==> flow/design.v <==
module ex_as_core_stage #(
    parameter integer DATA_WIDTH = 128
) (
    input  logic aclk,
    input  logic rst_n,
    input  logic [DATA_WIDTH-1:0] da_i,
    input  logic [DATA_WIDTH-1:0] db_i,
    input  logic subtract_i,
    output logic [DATA_WIDTH-1:0] result_o,
    output logic carry_out_o
);
    logic [DATA_WIDTH-1:0] r_da;
    always_ff @(posedge aclk) begin
        if (!rst_n) begin
            r_da <= 0;
        end else begin
            r_da <= da_i;
        end
    end
    logic [DATA_WIDTH-1:0] r_db;
    always_ff @(posedge aclk) begin
        if (!rst_n) begin
            r_db <= 0;
        end else begin
            r_db <= db_i;
        end
    end
    logic r_subtract;
    always_ff @(posedge aclk) begin
        if (!rst_n) begin
            r_subtract <= 1'b0;
        end else begin
            r_subtract <= subtract_i;
        end
    end
    logic [DATA_WIDTH-1:0] aux;
    assign aux = r_db ^ {DATA_WIDTH{r_subtract}};
    logic [DATA_WIDTH:0] val;
    assign val = r_da + aux + r_subtract;
    assign result_o = val[DATA_WIDTH-1:0];
    assign carry_out_o = val[DATA_WIDTH];
endmodule
From RTL to reports: ex_as_core_stage:

Tool output for the design above, in the order of the flow.
Line numbers count from 1 in the design file above.
Not given: -

* design top: ex_as_core_stage
* clock input: aclk
* standard-cell library: sky130hd
* corner: tt_025C_1v80

Word level:

Source: Yosys, flattened and elaborated, memories not mapped. Widths are those after wreduce; folded enables and synchronous resets count as part of the registers. Registers that Yosys merges into a memory's read port (data or address) are not register bits. Print and check cells do not count. Equal cells are merged and count once.

* register bits after elaboration: 257
* input port bits: 259
* output and inout bits: 129
* word-level cells: 6

* $add $sub $neg: 2
* bitwise logic cells: 1

Operator list (number)
* 128-bit by 128-bit adder with 129-bit output: 1
* 129-bit by 1-bit adder with 129-bit output: 1
* 128-bit XOR: 1

Longest topological paths:

Longest topological path by Yosys (ltp), each cell counted once; first at word level (registers and memories cut), then after technology mapping (sequential cells cut; the memories' decode and read muxes count).

* depth in word-level cells: 3
* ABC_AREA: 1
* mapped depth: 21
* mapped depth without buffers: 19

Synthesis result:

The flow's flattened synthesis, as Yosys stat reports it; memories are mapped. The netlist is that of the ABC_AREA named above (0 if unset); the other value can give another one.
Totals and module areas in this step are rounded.

* standard cells after synthesis: 3696
* cell area after synthesis: 21000 µm²
* sequential part of the area: 5100 µm²
* mapped flip-flops: 257
* buffer cells: 43

Cells by type
* sky130_fd_sc_hd__dfxtp_1: number 257, area in all 5.14E+03 µm²
* sky130_fd_sc_hd__nand2_1: number 1361, area in all 5108.65 µm²
* sky130_fd_sc_hd__inv_1: number 880, area in all 3.3E+03 µm²
* sky130_fd_sc_hd__ha_1: number 141, area in all 1.76E+03 µm²
* sky130_fd_sc_hd__xor2_1: number 193, area in all 1.69E+03 µm²
* sky130_fd_sc_hd__nor2_1: number 286, area in all 1073.53 µm²
* sky130_fd_sc_hd__a21oi_1: number 178, area in all 890.854 µm²
* sky130_fd_sc_hd__nand3_1: number 91, area in all 455.437 µm²
* sky130_fd_sc_hd__o21ai_0: number 89, area in all 445.427 µm²
* sky130_fd_sc_hd__nor2_2: number 29, area in all 181.424 µm²
* sky130_fd_sc_hd__nor3_2: number 16, area in all 160.154 µm²
* sky130_fd_sc_hd__nand2_2: number 25, area in all 156.4 µm²
* sky130_fd_sc_hd__inv_2: number 31, area in all 116.362 µm²
* sky130_fd_sc_hd__clkbuf_1: number 30, area in all 112.608 µm²
* sky130_fd_sc_hd__nor2_4: number 9, area in all 101.347 µm²
* sky130_fd_sc_hd__nor3_4: number 6, area in all 97.594 µm²
* sky130_fd_sc_hd__nand3_2: number 9, area in all 90.086 µm²
* sky130_fd_sc_hd__o21bai_1: number 10, area in all 75.072 µm²

Not listed: further types 18, cells in them 55.

Worst setup path after synthesis:

OpenSTA on the mapped netlist: ideal clock, no wires. The path of least setup slack (recovery checks aside). Input and output delay are each 20% of the period. Register names are those of the netlist, which keeps one name where synthesis merged equal registers.

* kind: register to output
* start point: reg r_subtract
* end point: out result_o[64]
* clock period: 6440 ps
* external output delay: 1288 ps
* time at the first pin: 0 ps
* arrival time: 2598 ps
* data required time: 5152 ps
* setup slack: 2554 ps
* path delay: 2598 ps
* driving pins on the path: 17
* buffers on the path: 3
* synthesis period reached: 3886 ps

"path delay" is the arrival time less input delay plus setup time.
A path that ends at an output port has no setup time.
"driving pins on the path": output pins that drive a net of the path, with the launching flip-flop's if there is one; two outputs of one cell count as two.
"synthesis period reached" = period - worst setup slack (recovery checks aside). The figure is calculated, with input and output delays left at 20% of the set period.
Between the ends stands the longest chain of elaborated cells between them, by number of cells; it is not shown to be the way that was timed. Of several equally long chains one is given.
Each line given opens the expression or statement behind the cell; cells for indexed reads and writes are added by Yosys, which also makes memories of some case tables.

* cells stage by stage: sky130_fd_sc_hd__dfxtp_1 > sky130_fd_sc_hd__clkbuf_1 > sky130_fd_sc_hd__buf_2 > sky130_fd_sc_hd__buf_2 > sky130_fd_sc_hd__xor2_1 > sky130_fd_sc_hd__ha_1 > sky130_fd_sc_hd__nand2_1 > sky130_fd_sc_hd__nor2_1 > sky130_fd_sc_hd__inv_2 > sky130_fd_sc_hd__nor2_2 > sky130_fd_sc_hd__inv_2 > sky130_fd_sc_hd__nor2_2 > sky130_fd_sc_hd__inv_1 > sky130_fd_sc_hd__o21bai_1 > sky130_fd_sc_hd__inv_1 > sky130_fd_sc_hd__nand2_1 > sky130_fd_sc_hd__xor2_1
* length of the longest elaborated chain: 3
* elaborated cells between the ends (all ways): 3
* RTL lines with such cells: 2
* those cells by class: add/sub (2); logic (1)

Ends and longest elaborated chain, post-synthesis
* start: declaration: line 28 `logic r_subtract;`
* start: assignment: line 31 `r_subtract <= 1'b0;`
* start: assignment: line 33 `r_subtract <= subtract_i;`
* 128-bit XOR: line 37 `assign aux = r_db ^ {DATA_WIDTH{r_subtract}};`
* 128-bit by 128-bit adder with 129-bit output: line 39 `assign val = r_da + aux + r_subtract;`
* 129-bit by 1-bit adder with 129-bit output: line 39
* end: declaration: line 9 `output logic [DATA_WIDTH-1:0] result_o,`

Worst path after layout:

Path of least setup slack in the final report of flow run 2 (OpenROAD, finished layout, wires in). Where an end is a register, its clock arrival counts in the times.
The report prints the path's times to 10 ps; the period is as set.

* kind: register to output
* start point: reg r_subtract
* end point: out result_o[107]
* clock period: 7460 ps
* external output delay: 1490 ps
* time at the first pin: 630 ps
* arrival time: 4420 ps
* data required time: 5970 ps
* setup slack: 1540 ps
* driving pins on the path: 15
* buffers on the path: 3

Between the ends stands the longest chain of elaborated cells between them, by number of cells; it is not shown to be the way that was timed. Of several equally long chains one is given.

* cells stage by stage: sky130_fd_sc_hd__dfxtp_4 > sky130_fd_sc_hd__buf_12 > sky130_fd_sc_hd__buf_16 > sky130_fd_sc_hd__xor2_1 > sky130_fd_sc_hd__ha_1 > sky130_fd_sc_hd__a21oi_1 > sky130_fd_sc_hd__o21ai_0 > sky130_fd_sc_hd__a21oi_1 > sky130_fd_sc_hd__nand2_1 > sky130_fd_sc_hd__inv_1 > sky130_fd_sc_hd__nand2_1 > sky130_fd_sc_hd__a21oi_1 > sky130_fd_sc_hd__nand3_1 > sky130_fd_sc_hd__nand2_1 > sky130_fd_sc_hd__clkdlybuf4s50_1
* length of the longest elaborated chain: 3
* elaborated cells between the ends (all ways): 3
* RTL lines with such cells: 2
* those cells by class: add/sub (2); logic (1)

Ends and longest elaborated chain, post-layout
* start: declaration: line 28 `logic r_subtract;`
* start: assignment: line 31 `r_subtract <= 1'b0;`
* start: assignment: line 33 `r_subtract <= subtract_i;`
* 128-bit XOR: line 37 `assign aux = r_db ^ {DATA_WIDTH{r_subtract}};`
* 128-bit by 128-bit adder with 129-bit output: line 39 `assign val = r_da + aux + r_subtract;`
* 129-bit by 1-bit adder with 129-bit output: line 39
* end: declaration: line 9 `output logic [DATA_WIDTH-1:0] result_o,`

Measured data: module ex_as_core_stage, platform sky130hd, 3 stored runs of the flow under differing settings, order arbitrary. Input and output delays are each 20% of the period that was set; the output load is 0.01 pF.
"period reached": clock period set for the run, less the worst setup slack. It is reckoned from that one timing run; input and output delays stay at 20% of the period that was set.
By "allowed time less slack (worst setup path)" is meant the share of the clock period that the worst setup path is allowed (20% is reserved at inputs, 20% at outputs), minus its slack. Clock arrival times at its registers enter into it.
"total power of the final layout" is the tool's figure for a default switching activity; nothing was simulated.
"allowed time less slack (worst setup path)" is known to 10 ps.
The results are shown rounded.

### Flow run 1

==> flow/run.sh <==
#!/bin/bash
# the make line also repeats the synthesis and layout settings of config.mk as NAME=value (left out here)
make -C /OpenROAD-flow-scripts/flow DESIGN_CONFIG=/design/flow/config.mk WORK_HOME=/design/flow/orfs CLKGATE_MAP_FILE= finish
==> flow/config.mk <==
export PLATFORM = sky130hd
export DESIGN_NAME = ex_as_core_stage
export DESIGN_NICKNAME = ex_as_core_stage
export VERILOG_FILES = /design/flow/design.v
export SDC_FILE = /design/flow/constraint.sdc
export NUM_CORES = 4
export LEC_CHECK = 0
export CAP_MARGIN = 20
export CORE_MARGIN = 2
export CORE_UTILIZATION = 66
export CTS_CLUSTER_SIZE = 91
export MIN_ROUTING_LAYER = met1
export PLACE_DENSITY_LB_ADDON = 0.17
export SETUP_SLACK_MARGIN = 1.2
export SLEW_MARGIN = 20
==> flow/constraint.sdc <==
create_clock -name core_clock -period 5.91 [get_ports {aclk}]
set_input_delay 1.1820 -clock core_clock [delete_from_list [all_inputs] [get_ports {aclk}]]
set_output_delay 1.1820 -clock core_clock [all_outputs]
set_load 0.01 [all_outputs]

Outcome of flow run 1: no final report: routing broke off with GRT-0116

### Flow run 2

==> flow/run.sh <==
#!/bin/bash
# the make line also repeats the synthesis and layout settings of config.mk as NAME=value (left out here)
make -C /OpenROAD-flow-scripts/flow DESIGN_CONFIG=/design/flow/config.mk WORK_HOME=/design/flow/orfs CLKGATE_MAP_FILE= finish
==> flow/config.mk <==
export PLATFORM = sky130hd
export DESIGN_NAME = ex_as_core_stage
export DESIGN_NICKNAME = ex_as_core_stage
export VERILOG_FILES = /design/flow/design.v
export SDC_FILE = /design/flow/constraint.sdc
export NUM_CORES = 4
export LEC_CHECK = 0
export ABC_AREA = 1
export CAP_MARGIN = 20
export CELL_PAD_IN_SITES_GLOBAL_PLACEMENT = 1
export CORE_ASPECT_RATIO = 0.92
export CORE_MARGIN = 2
export CORE_UTILIZATION = 28
export CTS_CLUSTER_SIZE = 89
export HOLD_SLACK_MARGIN = 0.24
export SETUP_SLACK_MARGIN = 1.54
export SLEW_MARGIN = 20
export TNS_END_PERCENT = 5
==> flow/constraint.sdc <==
create_clock -name core_clock -period 7.46 [get_ports {aclk}]
set_input_delay 1.4920 -clock core_clock [delete_from_list [all_inputs] [get_ports {aclk}]]
set_output_delay 1.4920 -clock core_clock [all_outputs]
set_load 0.01 [all_outputs]

Results of flow run 2:
- Period reached: 5916 ps
- Sum of negative setup slack: 0 ps
- Netlist area reported by Yosys: 21000 µm²
- Total power of the final layout: 5100 µW
- Allowed time less slack (worst setup path): 4420 ps
- Worst setup path kind: register to output
- Die area: 79000 µm²
- Worst hold slack after layout: 1300 ps
- Smallest setup slack: 1500 ps
- Post-route utilization: 37%
- Std-cell area (final layout): 28000 µm²

### Flow run 3

==> flow/run.sh <==
#!/bin/bash
# the make line also repeats the synthesis and layout settings of config.mk as NAME=value (left out here)
make -C /OpenROAD-flow-scripts/flow DESIGN_CONFIG=/design/flow/config.mk WORK_HOME=/design/flow/orfs CLKGATE_MAP_FILE= finish
==> flow/config.mk <==
export PLATFORM = sky130hd
export DESIGN_NAME = ex_as_core_stage
export DESIGN_NICKNAME = ex_as_core_stage
export VERILOG_FILES = /design/flow/design.v
export SDC_FILE = /design/flow/constraint.sdc
export NUM_CORES = 4
export LEC_CHECK = 0
export CAP_MARGIN = 20
export CORE_MARGIN = 2
export CORE_UTILIZATION = 40
export SLEW_MARGIN = 20
==> flow/constraint.sdc <==
create_clock -name core_clock -period 6.44 [get_ports {aclk}]
set_input_delay 1.2880 -clock core_clock [delete_from_list [all_inputs] [get_ports {aclk}]]
set_output_delay 1.2880 -clock core_clock [all_outputs]
set_load 0.01 [all_outputs]

Results of flow run 3:
- Period reached: 6341 ps
- Sum of negative setup slack: 0 ps
- Netlist area reported by Yosys: 17000 µm²
- Total power of the final layout: 5500 µW
- Allowed time less slack (worst setup path): 5050 ps
- Worst setup path kind: register to output
- Die area: 44000 µm²
- Worst hold slack after layout: 1200 ps
- Smallest setup slack: 99 ps
- Post-route utilization: 55%
- Std-cell area (final layout): 23000 µm²
